==> flow/design.v <==
module alu_reg_file_p #(
  parameter int WORDS = 10,
  parameter int DATA_WIDTH = 4,
  parameter int RP = 2,
  parameter int NUM_WR = 1,
  parameter int ADDR_WIDTH = $clog2(WORDS)
) (
  input logic sys_clk,
  input logic aresetn,
  input logic [NUM_WR-1:0] wen_in,
  input logic [NUM_WR*ADDR_WIDTH-1:0] wsel_in,
  input logic [NUM_WR*DATA_WIDTH-1:0] wr_data_in,
  input logic [RP*ADDR_WIDTH-1:0] raddr_in,
  output logic [RP*DATA_WIDTH-1:0] read_data_out
);
  logic [NUM_WR-1:0] r_wen;
  logic [NUM_WR*ADDR_WIDTH-1:0] r_wsel;
  logic [NUM_WR*DATA_WIDTH-1:0] r_wr_data;
  always_ff @(posedge sys_clk or negedge aresetn) begin
    if (!aresetn) begin
      r_wen <= 0;
      r_wsel <= 0;
      r_wr_data <= 0;
    end else begin
      r_wen <= wen_in;
      r_wsel <= wsel_in;
      r_wr_data <= wr_data_in;
    end
  end
  logic [DATA_WIDTH-1:0] rf [0:WORDS-1];
  always_ff @(posedge sys_clk) begin
    for (int idx = 0; idx < NUM_WR; idx++)
      if (r_wen[idx]) rf[r_wsel[idx*ADDR_WIDTH +: ADDR_WIDTH]] <= r_wr_data[idx*DATA_WIDTH +: DATA_WIDTH];
  end
  logic [RP*ADDR_WIDTH-1:0] r_raddr;
  always_ff @(posedge sys_clk or negedge aresetn) begin
    if (!aresetn) begin
      r_raddr <= 0;
    end else begin
      r_raddr <= raddr_in;
    end
  end
  logic [RP*DATA_WIDTH-1:0] work;
  generate
    for (genvar jj = 0; jj < RP; jj++) begin : row
      assign work[jj*DATA_WIDTH +: DATA_WIDTH] = rf[r_raddr[jj*ADDR_WIDTH +: ADDR_WIDTH]];
    end
  endgenerate
  always_ff @(posedge sys_clk or negedge aresetn) begin
    if (!aresetn) begin
      read_data_out <= 0;
    end else begin
      read_data_out <= work;
    end
  end
endmodule
# From RTL to reports: alu_reg_file_p
# Tool output for the design above, in the order of the flow.
# Line numbers count from 1 in the design file above.
# Cell names lack the library's common part.
# A cell with - has no value.
[setup]
design = "alu_reg_file_p"
clock = "sys_clk"
library = "sky130hd"
corner = "tt_025C_1v80"

# After elaboration
# Source: Yosys, flattened and elaborated, memories not mapped. Widths are those after wreduce; folded enables and synchronous resets count as part of the registers. Registers that Yosys merges into a memory's read port (data or address) are not register bits. Print and check cells do not count.
# Memory sizes are those after Yosys's memory passes, which may raise the word count (mostly to a power of two), join words into wider ones and drop unused or constant bits.
[bits]
ff_bits = 17
mem_bits_rw = 40
clocked_rd_ports_x_width = 8
elab_cells = 10
memories = 1
[memory_table]
columns = ["memory", "size", "word_bits", "rd", "wr", "line", "text"]
rows = [
  ["rf", 10, 4, 2, 1, 30, "logic [DATA_WIDTH-1:0] rf [0:WORDS-1];"],
]
[op_classes]
mux = 3
reduce_and_logical = 2
[ops]
columns = ["op", "count"]
rows = [
  ["2-to-1 mux 4 bit", 2],
  ["logical NOT 1 bit", 2],
  ["2-to-1 mux 1 bit", 1],
]

# Depth
# Depth = most cells in a row (Yosys ltp): at word level without a register or memory, in the mapped netlist without a sequential cell, where the memories' decode and read muxes count.
[depth]
depth_word = 1
ABC_AREA = 0
ltp_mapped = 4

# Mapped cells and area
# Yosys stat after the flow's synthesis: flattened, memories mapped to cells. It holds for the ABC_AREA given above (unset counts as 0); a run with the other value may have another netlist.
# Totals and module areas in this step are rounded.
[synth_totals]
buffers = 4
ff_cells = 65
cells = 149
yosys_area_um2 = 2600
[types]
columns = ["type", "count", "area_total_um2"]
rows = [
  ["edfxtp_1", 40, 1.2E+03],
  ["dfrtp_1", 25, 625.6],
  ["mux2i_1", 32, 320.307],
  ["mux4_2", 8, 180.173],
  ["mux2_1", 8, 90.086],
  ["o21ai_1", 8, 40.038],
  ["nand2_1", 9, 33.782],
  ["buf_4", 4, 30.029],
  ["nor2_1", 7, 26.275],
  ["nand3b_1", 2, 15.014],
  ["nor3_1", 3, 15.014],
  ["nand2b_1", 2, 12.512],
  ["or3b_1", 1, 8.758],
]

# Timing after synthesis
# Path of least setup slack by OpenSTA after synthesis, without wires, with an ideal clock, recovery checks aside; 20% of the period is set as input and as output delay. Where synthesis merged equal registers, the netlist keeps one of their names.
[synth_path]
path_kind = "register to register"
from = "register r_wsel[2]"
to = "memory rf[0][0]"
arrival_ns = 1.126
launch_ns = 0.000
slack_ns = 0.372
delay_ns = 1.487
clock_period_ns = 1.86
setup_ns = 0.361
n_path_buf = 0
driving_pins = 3
synth_period_reached_ns = 1.488
# "delay_ns" is the arrival time less input delay plus setup time.
# "driving_pins": output pins that drive a net of the path, with the launching flip-flop's if there is one; two outputs of one cell count as two.
# "synth_period_reached_ns" is the clock period less the worst setup slack; recovery checks do not enter. This is arithmetic on one report: input and output delays are still those of the set period (20% each).
# Between the ends stands the longest chain of elaborated cells between them, by number of cells; it is not shown to be the way that was timed. Of several equally long chains one is given.
# A line is the first line of the expression or statement that the cell stems from. Yosys adds cells for indexed reads and writes and turns some case tables into memories.
[synth_via]
cell_sequence = "dfrtp_1 -> or3b_1 -> nor3_1"
elab_chain_len = 1
cone_cells = 1
cone_lines = 1
cone_classes = "mux: 1"
[synth_rtl]
columns = ["item", "line", "text"]
rows = [
  ["start, declared", 17, "logic [NUM_WR*ADDR_WIDTH-1:0] r_wsel;"],
  ["start, assigned", 22, "r_wsel <= 0;"],
  ["start, assigned", 26, "r_wsel <= wsel_in;"],
  ["2-to-1 mux 4 bit", 33, "if (r_wen[idx]) rf[r_wsel[idx*ADDR_WIDTH +: ADDR_WIDTH]] <= r_wr_data[idx*DATA_WIDTH +: DATA_WIDTH];"],
  ["end, declared", 30, "logic [DATA_WIDTH-1:0] rf [0:WORDS-1];"],
]

# Timing after layout
# From the final timing report of entry A: the path of least setup slack in the routed layout; clock arrival at registers is part of the times.
[layout_path]
path_kind = "register to register"
from = "register r_wsel[2]"
to = "memory rf[1][0]"
driving_pins = 4
setup_ns = 0.30
arrival_ns = 1.51
clock_period_ns = 1.44
slack_ns = -0.04
n_path_buf = 1
launch_ns = 0.34
# Between the ends stands the longest chain of elaborated cells between them, by number of cells; it is not shown to be the way that was timed. Of several equally long chains one is given.
[layout_via]
cell_sequence = "dfrtp_1 -> or3b_4 -> buf_6 -> nor2_4"
elab_chain_len = 1
cone_cells = 1
cone_lines = 1
cone_classes = "mux: 1"
[layout_rtl]
columns = ["item", "line", "text"]
rows = [
  ["start, declared", 17, "logic [NUM_WR*ADDR_WIDTH-1:0] r_wsel;"],
  ["start, assigned", 22, "r_wsel <= 0;"],
  ["start, assigned", 26, "r_wsel <= wsel_in;"],
  ["2-to-1 mux 4 bit", 33, "if (r_wen[idx]) rf[r_wsel[idx*ADDR_WIDTH +: ADDR_WIDTH]] <= r_wr_data[idx*DATA_WIDTH +: DATA_WIDTH];"],
  ["end, declared", 30, "logic [DATA_WIDTH-1:0] rf [0:WORDS-1];"],
]

# Measured data: module alu_reg_file_p, platform sky130hd, 3 stored runs of the flow under differing settings, order arbitrary. Input and output delays are each 20% of the period that was set; the output load is 0.01 pF.
# By "achieved_period_ns" is meant the clock period of the run minus its worst setup slack. This is arithmetic on one report: input and output delays are still those of the set period (20% each).
# "worst_path_time_ns": the worst setup path's part of the clock period (all of it between registers, 20% less for each end at a port) less its slack. A launch clock that arrives late makes it longer, a capture clock that arrives late makes it shorter.
# By "total_power_mw" is meant OpenSTA's value without simulated activity: inputs other than the clock are taken to toggle once in ten clock periods, and the tool carries that through the logic.
# Values from the reports are rounded here.

[[run]]
name = "entry A"
[run.settings]
period_ns = 1.44
CORE_UTILIZATION = 32
SETUP_SLACK_MARGIN = 0.1
PLACE_DENSITY_LB_ADDON = 0.22
GPL_TIMING_DRIVEN = 0
GPL_ROUTABILITY_DRIVEN = 1
CTS_CLUSTER_SIZE = 75
CAP_MARGIN = 5
SLEW_MARGIN = 30
CORE_MARGIN = 2
[run.results]
post_synth_area_um2 = 2600
timing.setup.tns_ns = -0.153
final_util_pct = 44.1
final_setup_ws_ns = -0.037
worst_path_time_ns = 1.48
critical_path_type = "register to register"
final_die_area_um2 = 8860
achieved_period_ns = 1.477
final_stdcell_area_um2 = 3440
total_power_mw = 4.02

[[run]]
name = "entry B"
[run.settings]
period_ns = 1.86
CAP_MARGIN = 20
CORE_MARGIN = 2
CORE_UTILIZATION = 40
SLEW_MARGIN = 20
[run.results]
worst_path_time_ns = 1.60
critical_path_type = "register to register"
final_stdcell_area_um2 = 3190
final_util_pct = 50.6
final_die_area_um2 = 7160
post_synth_area_um2 = 2600
achieved_period_ns = 1.596
total_power_mw = 3.05
final_setup_ws_ns = 0.264
timing.setup.tns_ns = 0.000

[[run]]
name = "entry C"
[run.settings]
period_ns = 1.87
CORE_UTILIZATION = 57
SETUP_SLACK_MARGIN = -0.02
PLACE_DENSITY_LB_ADDON = 0.1
HOLD_SLACK_MARGIN = 0.28
CORE_ASPECT_RATIO = 1.14
CORE_MARGIN = 5
CELL_PAD_IN_SITES_GLOBAL_PLACEMENT = 1
GPL_ROUTABILITY_DRIVEN = 1
CTS_CLUSTER_DIAMETER = 309
CAP_MARGIN = 40
SLEW_MARGIN = 40
[run.results]
timing.setup.tns_ns = 0.000
worst_path_time_ns = 1.62
critical_path_type = "register to register"
final_setup_ws_ns = 0.247
post_synth_area_um2 = 2600
total_power_mw = 3.12
achieved_period_ns = 1.623
final_util_pct = 71.3
final_die_area_um2 = 6010
final_stdcell_area_um2 = 3180
